==> flow/design.v <==
module dp_adder_rtl #(
    parameter WIDTH = 14
) (
    input wire i_clk,
    input wire i_rst_n,
    input wire [WIDTH-1:0] first_in,
    input wire [WIDTH-1:0] second_in,
    output wire [WIDTH:0] out_out
);
    reg [WIDTH:0] out_r;
    always @(posedge i_clk or negedge i_rst_n) begin
        if (~i_rst_n) begin
            out_r <= 0;
        end else begin
            out_r <= first_in + second_in;
        end
    end
    assign out_out = out_r;
endmodule
# Step by step through the tools: dp_adder_rtl
# What the tools print for dp_adder_rtl, step after step.
# Line numbers count from 1 in the design file above.
# Operators: Yosys type, input widths -> output width; for muxes data width and select width s.
# Not given: --
# inputs
top_module	dp_adder_rtl
clock_port	i_clk
lib	sky130hd
lib_corner	tt_025C_1v80

# Word-level counts
# Source: Yosys, flattened and elaborated, memories not mapped. Widths are those after wreduce; folded enables and synchronous resets count as part of the registers. Registers that Yosys merges into a memory's read port (data or address) are not register bits. Print and check cells do not count. Equal cells are merged and count once.
# classes
n_addsub	1
# ops
operator	count
$add 14x14->15	1
# bits
reg_bits	15
inputBits	30
out_inout_bits	15
elab_cells	2

# Longest topological paths
# Yosys ltp: most cells in a row. Word level: on the elaborated netlist, between registers, memories and ports. Mapped: between sequential cells and ports; inverters and the memories' decode and read muxes count.
# depth
depth_word	1
ABC_AREA	1
ltp_mapped	9
depth_no_buf	9

# After synthesis
# The flow's flattened synthesis, as Yosys stat reports it; memories are mapped. The netlist is that of the ABC_AREA named above (0 if unset); the other value can give another one.
# mapped
cell_count	159
yosys_area_um2	1158.6
ffs	15
buffers	0
# by_type
cell_type	count
sky130_fd_sc_hd__dfrtp_1	15
sky130_fd_sc_hd__nand2_1	55
sky130_fd_sc_hd__ha_1	14
sky130_fd_sc_hd__inv_1	22
sky130_fd_sc_hd__nand3_1	10
sky130_fd_sc_hd__a21oi_1	9
sky130_fd_sc_hd__nor2_1	11
sky130_fd_sc_hd__xor2_1	4
sky130_fd_sc_hd__xnor2_1	3
sky130_fd_sc_hd__fa_1	1
sky130_fd_sc_hd__nand3_2	2
sky130_fd_sc_hd__nand4_1	3
sky130_fd_sc_hd__nor3_2	1
sky130_fd_sc_hd__a21oi_2	1
sky130_fd_sc_hd__a21o_1	1
sky130_fd_sc_hd__inv_2	2
sky130_fd_sc_hd__nand3b_1	1
sky130_fd_sc_hd__nand2_2	1
# Not listed: further types 3, cells in them 3.

# Timing after synthesis
# Source: OpenSTA report_checks on the synthesized netlist (no wires, ideal clock, input and output delay 20% of the period each), path of least setup slack; recovery checks are left aside. Register names are those of the netlist, which keeps one name where synthesis merged equal registers.
# synth_path
path_type	input to register
startpoint	input port first_in[0]
endpoint	register out_r[12]
clock_period_ns	2.28
in_delay_ns	0.456
setup_ns	0.117
launch_ns	0.456
t_arrival_ns	1.508
slack_ns	0.654
path_delay_ns	1.169
path_stages	8
path_buffers	0
period_less_setup_slack_ns	1.626
# "path_delay_ns" is the arrival time less input delay plus setup time.
# "path_stages": output pins that drive a net of the path, with the launching flip-flop's if there is one; two outputs of one cell count as two.
# "period_less_setup_slack_ns" = period - worst setup slack (recovery checks aside). The figure is calculated, with input and output delays left at 20% of the set period.
# Between the ends stands the longest chain of elaborated cells between them, by number of cells; it is not shown to be the way that was timed. Of several equally long chains one is given.
# A line is the first line of the expression or statement that the cell stems from. Yosys adds cells for indexed reads and writes and turns some case tables into memories.
# synth_via
cell_sequence	sky130_fd_sc_hd__ha_1 sky130_fd_sc_hd__fa_1 sky130_fd_sc_hd__nand3_1 sky130_fd_sc_hd__nand3_2 sky130_fd_sc_hd__nand3_1 sky130_fd_sc_hd__nand3_1 sky130_fd_sc_hd__nand2_1 sky130_fd_sc_hd__nand2_1
elab_chain_len	1
cells_between	1
cone_classes	1 x add/sub
# synth_lines
element	line_no	source
start, declared	6	input wire [WIDTH-1:0] first_in,
$add 14x14->15	15	out_r <= first_in + second_in;
end, assigned	13	out_r <= 0;
end, assigned	15
end, declared	10	reg [WIDTH:0] out_r;

# Path in the finished layout
# From the final timing report of run A: the path of least setup slack in the routed layout; clock arrival at registers is part of the times.
# layout_path
path_type	input to register
startpoint	input port second_in[0]
endpoint	register out_r[6]
clock_period_ns	3.09
in_delay_ns	0.62
setup_ns	0.08
launch_ns	0.62
t_arrival_ns	2.28
slack_ns	0.98
path_stages	7
path_buffers	1
# Between the ends stands the longest chain of elaborated cells between them, by number of cells; it is not shown to be the way that was timed. Of several equally long chains one is given.
# layout_via
cell_sequence	sky130_fd_sc_hd__clkdlybuf4s50_1 sky130_fd_sc_hd__ha_1 sky130_fd_sc_hd__fa_1 sky130_fd_sc_hd__nand3_1 sky130_fd_sc_hd__nand3_2 sky130_fd_sc_hd__a21oi_1 sky130_fd_sc_hd__xnor2_1
elab_chain_len	1
cells_between	1
cone_classes	1 x add/sub
# layout_lines
element	line_no	source
start, declared	7	input wire [WIDTH-1:0] second_in,
$add 14x14->15	15	out_r <= first_in + second_in;
end, assigned	13	out_r <= 0;
end, assigned	15
end, declared	10	reg [WIDTH:0] out_r;

# Design dp_adder_rtl on sky130hd. What follows are 3 stored runs of the flow, each under its own settings; their order means nothing. The constraints put input and output delay at 20% of the set period each and load the outputs with 0.01 pF.
# "period_less_ws_ns" means the clock period less the worst setup slack. The figure is calculated, with input and output delays left at 20% of the set period.
# "timing.worst_path_ns" = time allowed to the worst setup path (clock period - input delay - output delay, where it has them) - its slack; a late launch clock adds to it, a late capture clock takes from it.
# "design_power_uw" rests on the timing tool's default activity at the inputs, not on a simulated workload.
# A setting shown as . is not set for that run.
# A result given as . is not shown for that run.
item,run A,run B,run C
period_ns,3.09,1.17,2.28
CORE_UTILIZATION,44,43,40
SETUP_SLACK_MARGIN,0.81,.,.
PLACE_DENSITY,0.84,.,.
CORE_ASPECT_RATIO,1.96,.,.
CORE_MARGIN,2,2,2
ABC_AREA,1,.,.
CAP_MARGIN,20,20,20
SLEW_MARGIN,20,20,20
MAX_ROUTING_LAYER,met5,met4,.
PLACE_DENSITY_LB_ADDON,.,0.0,.
CELL_PAD_IN_SITES_GLOBAL_PLACEMENT,.,2,.
TNS_END_PERCENT,.,45,.
GPL_ROUTABILITY_DRIVEN,.,1,.
CTS_CLUSTER_DIAMETER,.,323,.
total_negative_slack_ns,0.000,.,0.000
period_less_ws_ns,2.113,.,2.128
finish.stdcell_area_um2,1680.4,.,1605.3
setup_worst_slack_ns,0.977,.,0.152
die_area_um2,3083.3,.,3020.1
synthArea_um2,1158.6,.,1038.5
timing.worst_path_ns,1.50,.,1.67
worstPathKind,input to register,.,input to register
design_power_uw,682.4,.,894.8
finish.utilization_frac,0.654,.,0.648
# Run B: did not finish, placement stopped with FLW-0024
